==> flow/design.v <==
module dp_summer_full_adder (
  input wire a,
  input wire b,
  input wire ci,
  output wire s,
  output wire co
);
  assign {co, s} = a + b + ci;
endmodule
module dp_summer #(
  parameter NBITS = 112
) (
  input ck,
  input i_rst_n,
  input ce,
  input [NBITS-1:0] arg0_i,
  input [NBITS-1:0] arg1_i,
  input carry_in_i,
  output reg [NBITS-1:0] result_o,
  output reg ovf_o
);
  wire [NBITS-1:0] t;
  wire [NBITS:0] cy;
  assign cy[0] = carry_in_i;
  genvar k;
  generate
    for (k = 0; k < NBITS; k = k + 1) begin : blk
      dp_summer_full_adder inst (.a(arg0_i[k]), .b(arg1_i[k]), .ci(cy[k]), .s(t[k]), .co(cy[k+1]));
    end
  endgenerate
  always @(posedge ck or negedge i_rst_n) begin
    if (!i_rst_n) begin
      result_o <= 0;
    end else if (ce) begin
      result_o <= t;
    end
  end
  always @(posedge ck or negedge i_rst_n) begin
    if (!i_rst_n) begin
      ovf_o <= 1'b0;
    end else if (ce) begin
      ovf_o <= cy[NBITS];
    end
  end
endmodule
# From RTL to reports: dp_summer
# What the tools print for dp_summer, step after step.
# Lines are those of the file above, counted from 1.
# Operators: Yosys type, input widths -> output width; for muxes data width and select width s.
# A cell with n/a has no value.
[inputs]
top = "dp_summer"
clk_port = "ck"
cell_library = "sky130hd"
corner = "tt_025C_1v80"

# Word-level counts
# Counts by Yosys on the flattened word-level netlist (proc, flatten, opt, wreduce; memories kept). Register bits leave out memories and registers merged into their read ports (data or address); mux counts leave out enables and synchronous resets folded into registers. Print and check cells are left out. Cells with the same type and inputs are merged into one.
[word_totals]
ram_bits = 0
n_memories = 0
register_bits = 113
input_bits = 228
wordCells = 226
clocked_rd_ports_x_width = 0
latchBits = 0
rom_bits = 0
out_inout_bits = 113
[classes]
muxes = 0
n_cmp = 0
shift = 0
equal = 0
multipliers = 0
n_reduce_logical = 0
add_sub_neg = 224
div_mod_pow = 0
logic = 0
[op_table]
columns = ["op", "count"]
rows = [
  ["$add 1x1->2", 112],
  ["$add 2x1->2", 112],
]

# Depth
# Longest topological path by Yosys (ltp), each cell counted once; first at word level (registers and memories cut), then after technology mapping (sequential cells cut; the memories' decode and read muxes count).
[depth]
ltp_word = 113
ABC_AREA = 0
depth_mapped = 116
mapped_depth_nobuf = 116

# Netlist
# Yosys stat after the flow's synthesis: flattened, memories mapped to cells. It holds for the ABC_AREA given above (unset counts as 0); a run with the other value may have another netlist.
# Totals and module areas in this step are rounded.
[types]
columns = ["cell_type", "count", "area_total_um2"]
rows = [
  ["sky130_fd_sc_hd__dfrtp_1", 113, 2.83E+03],
  ["sky130_fd_sc_hd__fa_1", 112, 2242.15],
  ["sky130_fd_sc_hd__mux2_2", 76, 855.821],
  ["sky130_fd_sc_hd__mux2_4", 34, 510.49],
  ["sky130_fd_sc_hd__buf_6", 6, 67.565],
  ["sky130_fd_sc_hd__buf_2", 7, 35.034],
  ["sky130_fd_sc_hd__inv_1", 7, 26.275],
  ["sky130_fd_sc_hd__a21oi_1", 3, 15.014],
  ["sky130_fd_sc_hd__nor2_1", 3, 11.261],
]
[synth_totals]
ff_cells = 113
area_um2 = 6600
sequential_area_um2 = 2800
buf_cells = 13
stdcells = 361
# By module: a second synthesis without flattening, with its own total; a netlist apart from the flattened one above.
[unflattened]
hier_cells = 351
area_unflattened_um2 = 6700
# Each row is one instance without its submodules.
[modules]
columns = ["module", "seq_area_um2", "instances", "cells", "mod_area_um2"]
rows = [
  ["dp_summer", 2800, 1, 239, 4500],
  ["dp_summer_full_adder", 0.0, 112, 1, 20],
]

# Path before layout
# Path of least setup slack by OpenSTA after synthesis, without wires, with an ideal clock, recovery checks aside; 20% of the period is set as input and as output delay. Where synthesis merged equal registers, the netlist keeps one of their names.
[synth_path]
path_kind = "input to register"
from = "in arg0_i[0]"
to = "reg result_o[111]"
launch_ns = 13.340
setup_slack_ns = 10.697
required_ns = 66.623
delay_ns = 42.663
setup_time_ns = 0.077
path_buffers = 0
clock_period_ns = 66.7
input_delay_ns = 13.340
t_arrival_ns = 55.926
stages = 116
synth_period_reached_ns = 56.003
# "delay_ns" is the arrival time less input delay plus setup time.
# "stages" counts driving pins, that of a launching flip-flop among them; a cell with two outputs on the path counts twice.
# "synth_period_reached_ns" is the clock period less the worst setup slack; recovery checks do not enter. This is arithmetic on one report: input and output delays are still those of the set period (20% each).
# Between the ends stands the longest chain of elaborated cells between them, by number of cells; it is not shown to be the way that was timed. Of several equally long chains one is given.
# Each line given opens the expression or statement behind the cell; cells for indexed reads and writes are added by Yosys, which also makes memories of some case tables.
[synth_via]
cell_sequence = "sky130_fd_sc_hd__inv_1 > sky130_fd_sc_hd__fa_1 > sky130_fd_sc_hd__inv_1 > sky130_fd_sc_hd__fa_1 > sky130_fd_sc_hd__fa_1 > sky130_fd_sc_hd__fa_1 > sky130_fd_sc_hd__fa_1 > sky130_fd_sc_hd__fa_1 > sky130_fd_sc_hd__fa_1 > sky130_fd_sc_hd__fa_1 > sky130_fd_sc_hd__fa_1 > sky130_fd_sc_hd__fa_1 > sky130_fd_sc_hd__fa_1 > sky130_fd_sc_hd__fa_1 > sky130_fd_sc_hd__fa_1 > sky130_fd_sc_hd__fa_1 > sky130_fd_sc_hd__fa_1 > sky130_fd_sc_hd__fa_1 > (+80 left out) > sky130_fd_sc_hd__fa_1 > sky130_fd_sc_hd__fa_1 > sky130_fd_sc_hd__fa_1 > sky130_fd_sc_hd__fa_1 > sky130_fd_sc_hd__fa_1 > sky130_fd_sc_hd__fa_1 > sky130_fd_sc_hd__fa_1 > sky130_fd_sc_hd__fa_1 > sky130_fd_sc_hd__fa_1 > sky130_fd_sc_hd__fa_1 > sky130_fd_sc_hd__fa_1 > sky130_fd_sc_hd__fa_1 > sky130_fd_sc_hd__fa_1 > sky130_fd_sc_hd__fa_1 > sky130_fd_sc_hd__fa_1 > sky130_fd_sc_hd__inv_1 > sky130_fd_sc_hd__fa_1 > sky130_fd_sc_hd__a21oi_1"
elab_chain_len = 113
cells_between = 113
lines_between = 1
classes_between = "add/sub: 113"
[synth_lines]
columns = ["item", "line", "source"]
rows = [
  ["start: declaration", 16, "input [NBITS-1:0] arg0_i,"],
  ["$add 1x1->2", 8, "assign {co, s} = a + b + ci;"],
  ["$add 2x1->2 x112", 8, ""],
  ["end: assignment", 33, "result_o <= 0;"],
  ["end: assignment", 35, "result_o <= t;"],
  ["end: declaration", 19, "output reg [NBITS-1:0] result_o,"],
]

# Timing after layout
# From the final timing report of entry A: the path of least setup slack in the routed layout; clock arrival at registers is part of the times.
[layout_path]
path_kind = "input to register"
from = "in arg0_i[0]"
to = "reg result_o[111]"
setup_time_ns = 0.07
t_arrival_ns = 58.50
path_buffers = 1
clock_period_ns = 66.7
input_delay_ns = 13.34
setup_slack_ns = 8.55
stages = 117
required_ns = 67.05
launch_ns = 13.34
# Between the ends stands the longest chain of elaborated cells between them, by number of cells; it is not shown to be the way that was timed. Of several equally long chains one is given.
[layout_via]
cell_sequence = "sky130_fd_sc_hd__clkdlybuf4s50_1 > sky130_fd_sc_hd__inv_1 > sky130_fd_sc_hd__fa_1 > sky130_fd_sc_hd__inv_1 > sky130_fd_sc_hd__fa_1 > sky130_fd_sc_hd__fa_1 > sky130_fd_sc_hd__fa_1 > sky130_fd_sc_hd__fa_1 > sky130_fd_sc_hd__fa_1 > sky130_fd_sc_hd__fa_1 > sky130_fd_sc_hd__fa_1 > sky130_fd_sc_hd__fa_1 > sky130_fd_sc_hd__fa_1 > sky130_fd_sc_hd__fa_1 > sky130_fd_sc_hd__fa_1 > sky130_fd_sc_hd__fa_1 > sky130_fd_sc_hd__fa_1 > sky130_fd_sc_hd__fa_1 > (+81 left out) > sky130_fd_sc_hd__fa_1 > sky130_fd_sc_hd__fa_1 > sky130_fd_sc_hd__fa_1 > sky130_fd_sc_hd__fa_1 > sky130_fd_sc_hd__fa_1 > sky130_fd_sc_hd__fa_1 > sky130_fd_sc_hd__fa_1 > sky130_fd_sc_hd__fa_1 > sky130_fd_sc_hd__fa_1 > sky130_fd_sc_hd__fa_1 > sky130_fd_sc_hd__fa_1 > sky130_fd_sc_hd__fa_1 > sky130_fd_sc_hd__fa_1 > sky130_fd_sc_hd__fa_1 > sky130_fd_sc_hd__fa_1 > sky130_fd_sc_hd__inv_1 > sky130_fd_sc_hd__fa_1 > sky130_fd_sc_hd__a21oi_1"
elab_chain_len = 113
cells_between = 113
lines_between = 1
classes_between = "add/sub: 113"
[layout_lines]
columns = ["item", "line", "source"]
rows = [
  ["start: declaration", 16, "input [NBITS-1:0] arg0_i,"],
  ["$add 1x1->2", 8, "assign {co, s} = a + b + ci;"],
  ["$add 2x1->2 x112", 8, ""],
  ["end: assignment", 33, "result_o <= 0;"],
  ["end: assignment", 35, "result_o <= t;"],
  ["end: declaration", 19, "output reg [NBITS-1:0] result_o,"],
]

# dp_summer through Yosys and OpenROAD on sky130hd: 3 stored runs, unordered, with their settings and measured results. The constraints put input and output delay at 20% of the set period each and load the outputs with 0.01 pF.
# "period_reached_ns" means the clock period less the worst setup slack. The figure is calculated, with input and output delays left at 20% of the set period.
# "worst_setup_path_time_ns": the worst setup path's part of the clock period (all of it between registers, 20% less for each end at a port) less its slack. A launch clock that arrives late makes it longer, a capture clock that arrives late makes it shorter.
# "design_power_mw": no workload was simulated; the value follows from the tool's default switching activity.
# Measured values are rounded.

[[run]]
name = "entry A"
[run.settings]
period_ns = 66.7
CAP_MARGIN = 20
CORE_MARGIN = 2
CORE_UTILIZATION = 40
SLEW_MARGIN = 20
[run.results]
final_die_area_um2 = 18000
period_reached_ns = 58.154
hold_worst_slack_ns = 0.50
synthesis_area_um2 = 6600
setup_tns_ns = 0.000
worst_setup_path_time_ns = 44.81
worstPathKind = "input to register"
worst_setup_slack_ns = 8.5
finalCellArea_um2 = 11000
design_power_mw = 0.29
layout_utilization_frac = 0.67

[[run]]
name = "entry B"
[run.settings]
period_ns = 84.6
CORE_UTILIZATION = 60
PLACE_DENSITY_LB_ADDON = 0.2
CORE_ASPECT_RATIO = 1.66
CORE_MARGIN = 3
ABC_AREA = 1
CAP_MARGIN = 0
MIN_ROUTING_LAYER = "met2"
SLEW_MARGIN = 20
[run.results]
outcome = "incomplete, clock tree synthesis halted on DPL-0033"

[[run]]
name = "entry C"
[run.settings]
period_ns = 90.4
CORE_UTILIZATION = 33
CORE_MARGIN = 2
CELL_PAD_IN_SITES_DETAIL_PLACEMENT = 2
TNS_END_PERCENT = 20
ABC_AREA = 0
CTS_CLUSTER_DIAMETER = 339
CAP_MARGIN = 30
MAX_ROUTING_LAYER = "met4"
SLEW_MARGIN = 20
[run.results]
final_die_area_um2 = 21000
period_reached_ns = 63.903
hold_worst_slack_ns = 0.51
synthesis_area_um2 = 6600
setup_tns_ns = 0.000
worst_setup_path_time_ns = 45.82
worstPathKind = "input to register"
worst_setup_slack_ns = 26
finalCellArea_um2 = 11000
design_power_mw = 0.21
layout_utilization_frac = 0.55
